==> flow/design.v <==
module my_arith_stage #(
  parameter integer DW = 10
) (
  input core_clk,
  input nrst,
  input [DW-1:0] src1_i,
  input [DW-1:0] src2_i,
  input minus_i,
  output [DW:0] result_o
);
  reg [DW-1:0] src1_q;
  always @(posedge core_clk) begin
    if (!nrst) begin
      src1_q <= 0;
    end else begin
      src1_q <= src1_i;
    end
  end
  reg [DW-1:0] src2_q;
  always @(posedge core_clk) begin
    if (!nrst) begin
      src2_q <= 0;
    end else begin
      src2_q <= src2_i;
    end
  end
  reg minus_q;
  always @(posedge core_clk) begin
    if (!nrst) begin
      minus_q <= 1'b0;
    end else begin
      minus_q <= minus_i;
    end
  end
  reg [DW:0] t_q;
  always @(posedge core_clk) begin
    if (!nrst) begin
      t_q <= 0;
    end else begin
      t_q <= src1_q + src2_q;
    end
  end
  reg [DW:0] aux_q;
  always @(posedge core_clk) begin
    if (!nrst) begin
      aux_q <= 0;
    end else begin
      aux_q <= src1_q - src2_q;
    end
  end
  reg minus_q_d;
  always @(posedge core_clk) begin
    if (!nrst) begin
      minus_q_d <= 1'b0;
    end else begin
      minus_q_d <= minus_q;
    end
  end
  reg [DW:0] result_q;
  always @(posedge core_clk) begin
    if (!nrst) begin
      result_q <= 0;
    end else begin
      result_q <= minus_q_d ? aux_q : t_q;
    end
  end
  assign result_o = result_q;
endmodule
# Tool chain data of my_arith_stage
# What the tools print for my_arith_stage, step after step.
# Line numbers count from 1 in the design file above.
# Library cell names are shortened.
# Not given: --
dict set report setup {
  top_module {my_arith_stage}
  clk_port {core_clk}
  library {sky130hd}
  corner {tt_025C_1v80}
}

# Elaborated design
# Counts by Yosys on the flattened word-level netlist (proc, flatten, opt, wreduce; memories kept). Register bits leave out memories and registers merged into their read ports (data or address); mux counts leave out enables and synchronous resets folded into registers. Print and check cells are left out. Cells with the same type and inputs are merged into one.
dict set report classes {
  add_sub_neg 2
  n_mux 1
}
# cell count
set ops {}
lappend ops {{adder 10 x 10 -> 11 bit} 1}
lappend ops {{subtractor 10 x 10 -> 11 bit} 1}
lappend ops {{2-to-1 mux 11 bit} 1}
dict set report word_totals {
  reg_bits 55
}

# Depth
# Longest topological path by Yosys (ltp), each cell counted once; first at word level (registers and memories cut), then after technology mapping (sequential cells cut; the memories' decode and read muxes count).
dict set report depth {
  ltp_word 1
  abc_area 0
  ltp_mapped 9
  ltp_nobuf 9
}

# Netlist
# Yosys stat after the flow's synthesis: flattened, memories mapped to cells. It holds for the ABC_AREA given above (unset counts as 0); a run with the other value may have another netlist.
# Totals and module areas in this step are rounded.
# type count type_area_um2
set by_type {}
lappend by_type {dfxtp_1 54 1.08E+03}
lappend by_type {ha_1 20 250.24}
lappend by_type {mux2i_1 18 180.173}
lappend by_type {and2_1 24 150.144}
lappend by_type {inv_1 24 90.086}
lappend by_type {nor2_1 23 86.333}
lappend by_type {o21ai_0 10 50.048}
lappend by_type {xnor2_1 5 43.792}
lappend by_type {nand2_1 11 41.29}
lappend by_type {fa_1 2 40.038}
lappend by_type {a21oi_1 5 25.024}
lappend by_type {o21bai_1 3 22.522}
lappend by_type {clkbuf_1 5 18.768}
lappend by_type {a211o_1 2 17.517}
lappend by_type {a221oi_1 2 17.517}
lappend by_type {a21oi_4 1 16.266}
lappend by_type {o41ai_2 1 16.266}
lappend by_type {a221oi_2 1 15.014}
# Not listed: further types 22, cells in them 31.
dict set report mapped {
  ffs 54
  cell_count 242
  sequential_area_mm2 0.00108
  mapped_area_mm2 0.00238
}

# Path before layout
# Path of least setup slack by OpenSTA after synthesis, without wires, with an ideal clock, recovery checks aside; 20% of the period is set as input and as output delay. Where synthesis merged equal registers, the netlist keeps one of their names.
dict set report synth_path {
  kind {flip-flop to flip-flop}
  from {reg src1_q[0]}
  to {reg aux_q[8]}
  setup_ns 0.119
  arrival_time_ns 1.723
  stages 10
  path_delay_ns 1.842
  setup_slack_ns 0.458
  clock_period_ns 2.3
  synth_period_reached_ns 1.842
}
# "path_delay_ns" is the arrival time less input delay plus setup time.
# "stages" counts driving pins, that of a launching flip-flop among them; a cell with two outputs on the path counts twice.
# "synth_period_reached_ns" is the clock period less the worst setup slack; recovery checks do not enter. This is arithmetic on one report: input and output delays are still those of the set period (20% each).
# Between the ends stands the longest chain of elaborated cells between them, by number of cells; it is not shown to be the way that was timed. Of several equally long chains one is given.
# Each line given opens the expression or statement behind the cell; cells for indexed reads and writes are added by Yosys, which also makes memories of some case tables.
dict set report synth_between {
  cell_sequence {dfxtp_1 inv_1 ha_1 inv_1 fa_1 a21o_1 a21oi_4 nor2_1 a211o_1 mux2i_1}
  elab_chain_len 1
  cells_between 1
  cone_classes {1 x add/sub}
}
# element line
set synth_lines {}
lappend synth_lines {{from (decl)} 11} ;# reg [DW-1:0] src1_q;
lappend synth_lines {{from (assign)} 14} ;# src1_q <= 0;
lappend synth_lines {{from (assign)} 16} ;# src1_q <= src1_i;
lappend synth_lines {{subtractor 10 x 10 -> 11 bit} 48} ;# aux_q <= src1_q - src2_q;
lappend synth_lines {{to (assign)} 46} ;# aux_q <= 0;
lappend synth_lines {{to (assign)} 48}
lappend synth_lines {{to (decl)} 43} ;# reg [DW:0] aux_q;

# Timing after layout
# From the final timing report of flow run 1: the path of least setup slack in the routed layout; clock arrival at registers is part of the times.
dict set report layout_path {
  kind {flip-flop to flip-flop}
  from {reg src1_q[0]}
  to {reg aux_q[10]}
  clock_period_ns 2.3
  stages 10
  arrival_time_ns 2.22
  setup_ns 0.06
  setup_slack_ns 0.33
}
# Between the ends stands the longest chain of elaborated cells between them, by number of cells; it is not shown to be the way that was timed. Of several equally long chains one is given.
dict set report layout_between {
  cell_sequence {dfxtp_1 inv_1 ha_1 inv_1 fa_1 a21o_1 a21oi_4 nor2_1 a211o_1 a31oi_1}
  elab_chain_len 1
  cells_between 1
  cone_classes {1 x add/sub}
}
# element line
set layout_lines {}
lappend layout_lines {{from (decl)} 11} ;# reg [DW-1:0] src1_q;
lappend layout_lines {{from (assign)} 14} ;# src1_q <= 0;
lappend layout_lines {{from (assign)} 16} ;# src1_q <= src1_i;
lappend layout_lines {{subtractor 10 x 10 -> 11 bit} 48} ;# aux_q <= src1_q - src2_q;
lappend layout_lines {{to (assign)} 46} ;# aux_q <= 0;
lappend layout_lines {{to (assign)} 48}
lappend layout_lines {{to (decl)} 43} ;# reg [DW:0] aux_q;

# Below are 3 stored runs of the flow (Yosys, OpenROAD; platform sky130hd) on my_arith_stage, each with its settings and what was measured, unordered. Constraints: input delay and output delay 20% of the set period each, output load 0.01 pF.
# By "achieved_clock_period_ns" is meant the clock period of the run minus its worst setup slack. This is arithmetic on one report: input and output delays are still those of the set period (20% each).
# The results are shown rounded.
run="flow run 1" settings period_ns=2.3 CAP_MARGIN=20 CORE_MARGIN=2 CORE_UTILIZATION=40 SLEW_MARGIN=20
run="flow run 1" results finalUtil_frac=0.494 final_hold_ws_ns=0.440 achieved_clock_period_ns=1.971 synth_area_mm2=0.00238 final_setup_ws_ns=0.329 dieArea_mm2=0.00659
run="flow run 2" settings period_ns=2.65 CORE_UTILIZATION=48 SETUP_SLACK_MARGIN=0.79 PLACE_DENSITY_LB_ADDON=0.27 CELL_PAD_IN_SITES_GLOBAL_PLACEMENT=3 GPL_TIMING_DRIVEN=0 MAX_ROUTING_LAYER="met5" CAP_MARGIN=20 CORE_MARGIN=2 SLEW_MARGIN=20
run="flow run 2" outcome="stopped before the end: placement reported FLW-0024"
run="flow run 3" settings period_ns=3.03 CORE_UTILIZATION=17 PLACE_DENSITY_LB_ADDON=0.0 CORE_MARGIN=7 CELL_PAD_IN_SITES_DETAIL_PLACEMENT=1 ABC_AREA=1 GPL_ROUTABILITY_DRIVEN=0 CTS_CLUSTER_DIAMETER=126 CAP_MARGIN=40 MIN_ROUTING_LAYER="met2" SLEW_MARGIN=20
run="flow run 3" results finalUtil_frac=0.22 final_hold_ws_ns=0.413 achieved_clock_period_ns=1.796 synth_area_mm2=0.00249 final_setup_ws_ns=1.23 dieArea_mm2=0.0182
